==> flow/design.v <==
module gen_sel_unit_v2 #(
  parameter BITS = 10
) (
  input clock,
  input rst,
  input [BITS-1:0] bus_0,
  input [BITS-1:0] bus_1,
  input [BITS-1:0] bus_2,
  input [BITS-1:0] bus_3,
  input [BITS-1:0] bus_4,
  input [BITS-1:0] bus_5,
  input [BITS-1:0] bus_6,
  input [BITS-1:0] bus_7,
  input [2:0] choose,
  output [BITS-1:0] res
);
  reg [BITS-1:0] bus_0_q;
  reg [BITS-1:0] bus_1_q;
  reg [BITS-1:0] bus_2_q;
  reg [BITS-1:0] bus_3_q;
  reg [BITS-1:0] bus_4_q;
  reg [BITS-1:0] bus_5_q;
  reg [BITS-1:0] bus_6_q;
  reg [BITS-1:0] bus_7_q;
  reg [2:0] choose_q;
  wire [BITS-1:0] r;
  assign r =
    (choose_q == 3'd0) ? bus_0_q :
    (choose_q == 3'd1) ? bus_1_q :
    (choose_q == 3'd2) ? bus_2_q :
    (choose_q == 3'd3) ? bus_3_q :
    (choose_q == 3'd4) ? bus_4_q :
    (choose_q == 3'd5) ? bus_5_q :
    (choose_q == 3'd6) ? bus_6_q :
    bus_7_q;
  reg [BITS-1:0] res_q;
  assign res = res_q;
  always @(posedge clock or posedge rst) begin
    if (rst) begin
      bus_0_q <= 0;
      bus_1_q <= 0;
      bus_2_q <= 0;
      bus_3_q <= 0;
      bus_4_q <= 0;
      bus_5_q <= 0;
      bus_6_q <= 0;
      bus_7_q <= 0;
      choose_q <= 0;
      res_q <= 0;
    end else begin
      bus_0_q <= bus_0;
      bus_1_q <= bus_1;
      bus_2_q <= bus_2;
      bus_3_q <= bus_3;
      bus_4_q <= bus_4;
      bus_5_q <= bus_5;
      bus_6_q <= bus_6;
      bus_7_q <= bus_7;
      choose_q <= choose;
      res_q <= r;
    end
  end
endmodule
# Tool chain data of gen_sel_unit_v2
# Tool output for the design above, in the order of the flow.
# Line numbers count from 1 in the design file above.
# Not given: -
# design
top,gen_sel_unit_v2
clock,clock
lib,sky130hd
corner,tt_025C_1v80

# Word level
# Source: Yosys, flattened and elaborated, memories not mapped. Widths are those after wreduce; folded enables and synchronous resets count as part of the registers. Registers that Yosys merges into a memory's read port (data or address) are not register bits. Print and check cells do not count. Equal cells are merged and count once.
# bits
out_inout_bits,10
reg_bits,93
# classes
muxes,7
eq_ne,6
reduce_logical,1
# ops
operator,count
two-way mux 10 bit,7
equality test 3 bit with constant B,3
equality test 3 x 2 -> 1 bit with constant B,2
equality test 3 x 1 -> 1 bit with constant B,1
zero test 3 bit,1

# Longest topological paths
# Longest topological path by Yosys (ltp), each cell counted once; first at word level (registers and memories cut), then after technology mapping (sequential cells cut; the memories' decode and read muxes count).
# depth
depth_word,8
abc_area,0
depth_mapped,6

# Synthesis result
# The flow's flattened synthesis, as Yosys stat reports it; memories are mapped. The netlist is that of the ABC_AREA named above (0 if unset); the other value can give another one.
# The area totals of this step are shown rounded.
# types
cell_type,count,area_total_um2
sky130_fd_sc_hd__dfrtp_1,93,2.33E+03
sky130_fd_sc_hd__mux4_2,6,135.13
sky130_fd_sc_hd__o32ai_2,4,65.062
sky130_fd_sc_hd__mux2i_1,5,50.048
sky130_fd_sc_hd__nor3b_2,4,50.048
sky130_fd_sc_hd__mux2_1,4,45.043
sky130_fd_sc_hd__buf_2,8,40.038
sky130_fd_sc_hd__a221oi_1,4,35.034
sky130_fd_sc_hd__a22o_1,4,35.034
sky130_fd_sc_hd__buf_6,3,33.782
sky130_fd_sc_hd__a21o_1,4,30.029
sky130_fd_sc_hd__nand3b_1,4,30.029
sky130_fd_sc_hd__o21ai_0,6,30.029
sky130_fd_sc_hd__a31oi_1,4,25.024
sky130_fd_sc_hd__nor2b_1,4,25.024
sky130_fd_sc_hd__o22ai_1,4,25.024
sky130_fd_sc_hd__a21oi_1,4,20.019
sky130_fd_sc_hd__nor3_1,4,20.019
# Not listed: further types 18, cells in them 32.
# synth_totals
seqArea_mm2,0.00233
area_mm2,0.0032
stdcells,201
ff_cells,93
buf_cells,13

# Timing after synthesis
# OpenSTA on the mapped netlist: ideal clock, no wires. The path of least setup slack (recovery checks aside). Input and output delay are each 20% of the period. Register names are those of the netlist, which keeps one name where synthesis merged equal registers.
# synth_timing
path_kind,flip-flop to flip-flop
start,register (no name shown)
end,register res_q[4]
setup_slack_ns,0.348
arrival_ns,1.286
clock_period_ns,1.73
setup_time_ns,0.096
delay_ns,1.382
t_first_pin_ns,0.000
driving_pins,7
required_time_ns,1.634
period_less_setup_slack_ns,1.382
# "delay_ns" = arrival - input delay + setup time.
# "driving_pins": output pins that drive a net of the path, with the launching flip-flop's if there is one; two outputs of one cell count as two.
# "period_less_setup_slack_ns" = period - worst setup slack (recovery checks aside). The figure is calculated, with input and output delays left at 20% of the set period.
# Between the ends stands the longest chain of elaborated cells between them, by number of cells; it is not shown to be the way that was timed. Of several equally long chains one is given.
# A line is the first line of the expression or statement that the cell stems from. Yosys adds cells for indexed reads and writes and turns some case tables into memories.
# synth_via
cell_sequence,sky130_fd_sc_hd__dfrtp_1 sky130_fd_sc_hd__buf_6 sky130_fd_sc_hd__or2_1 sky130_fd_sc_hd__buf_6 sky130_fd_sc_hd__nor3b_2 sky130_fd_sc_hd__a221oi_1 sky130_fd_sc_hd__o32ai_2
elab_chain_cells,8
# synth_rtl
element,line_no,rtl
start: declaration,25,
start: assignment,48,
start: assignment,59,
equality test 3 bit,34,
two-way mux 10 bit,34,
two-way mux 10 bit,33,
two-way mux 10 bit,32,
two-way mux 10 bit,31,
two-way mux 10 bit,30,
two-way mux 10 bit,29,
two-way mux 10 bit,28,
end: assignment,49,res_q <= 0;
end: assignment,60,res_q <= r;
end: declaration,36,reg [BITS-1:0] res_q;

# Path in the finished layout
# Path of least setup slack in the final report of record 1 (OpenROAD, finished layout, wires in). Where an end is a register, its clock arrival counts in the times.
# layout_timing
path_kind,flip-flop to output port
start,register res_q[4]
end,output port res[4]
t_first_pin_ns,0.34
clock_period_ns,1.93
setup_slack_ns,0.31
required_time_ns,1.54
arrival_ns,1.23
driving_pins,2
# layout_via
cell_sequence,sky130_fd_sc_hd__dfrtp_1 sky130_fd_sc_hd__clkdlybuf4s50_1
elab_chain_cells,0
# layout_rtl
element,line_no,rtl
start: declaration,36,reg [BITS-1:0] res_q;
start: assignment,49,res_q <= 0;
start: assignment,60,res_q <= r;
end: declaration,15,output [BITS-1:0] res

Wiki page: gen_sel_unit_v2 / flow data

2 stored runs of gen_sel_unit_v2 in the flow (synthesis by Yosys, layout by OpenROAD, sky130hd cells), in arbitrary order. Constraints: input delay and output delay 20% of the set period each, output load 0.01 pF.
"design_power_uw" rests on the timing tool's default activity at the inputs, not on a simulated workload.
Results are given in rounded form.

Record 1, flow files:
==> flow/run.sh <==
#!/bin/bash
# the make line also repeats the synthesis and layout settings of config.mk as NAME=value (left out here)
make -C /OpenROAD-flow-scripts/flow DESIGN_CONFIG=/design/flow/config.mk WORK_HOME=/design/flow/orfs CLKGATE_MAP_FILE= finish
==> flow/config.mk <==
export PLATFORM = sky130hd
export DESIGN_NAME = gen_sel_unit_v2
export DESIGN_NICKNAME = gen_sel_unit_v2
export VERILOG_FILES = /design/flow/design.v
export SDC_FILE = /design/flow/constraint.sdc
export NUM_CORES = 4
export LEC_CHECK = 0
export CAP_MARGIN = 5
export CELL_PAD_IN_SITES_GLOBAL_PLACEMENT = 0
export CORE_MARGIN = 2
export CORE_UTILIZATION = 43
export GPL_ROUTABILITY_DRIVEN = 1
export PLACE_DENSITY_LB_ADDON = 0.05
export SETUP_SLACK_MARGIN = -0.16
export SLEW_MARGIN = 20
export TNS_END_PERCENT = 70
==> flow/constraint.sdc <==
create_clock -name core_clock -period 1.93 [get_ports {clock}]
set_input_delay 0.3860 -clock core_clock [delete_from_list [all_inputs] [get_ports {clock}]]
set_output_delay 0.3860 -clock core_clock [all_outputs]
set_load 0.01 [all_outputs]

==> results of record 1, as CSV <==
result,value
yosys.chip_area_mm2,0.0032
die_area_mm2,0.00816
utilization_pct,61.4
final_setup_ws_ns,0.310
design_power_uw,3700

Record 2, flow files:
==> flow/run.sh <==
#!/bin/bash
# the make line also repeats the synthesis and layout settings of config.mk as NAME=value (left out here)
make -C /OpenROAD-flow-scripts/flow DESIGN_CONFIG=/design/flow/config.mk WORK_HOME=/design/flow/orfs CLKGATE_MAP_FILE= finish
==> flow/config.mk <==
export PLATFORM = sky130hd
export DESIGN_NAME = gen_sel_unit_v2
export DESIGN_NICKNAME = gen_sel_unit_v2
export VERILOG_FILES = /design/flow/design.v
export SDC_FILE = /design/flow/constraint.sdc
export NUM_CORES = 4
export LEC_CHECK = 0
export CAP_MARGIN = 20
export CORE_MARGIN = 2
export CORE_UTILIZATION = 40
export SLEW_MARGIN = 20
==> flow/constraint.sdc <==
create_clock -name core_clock -period 1.73 [get_ports {clock}]
set_input_delay 0.3460 -clock core_clock [delete_from_list [all_inputs] [get_ports {clock}]]
set_output_delay 0.3460 -clock core_clock [all_outputs]
set_load 0.01 [all_outputs]

==> results of record 2, as CSV <==
result,value
yosys.chip_area_mm2,0.0032
die_area_mm2,0.00874
utilization_pct,57.9
final_setup_ws_ns,0.130
design_power_uw,4190
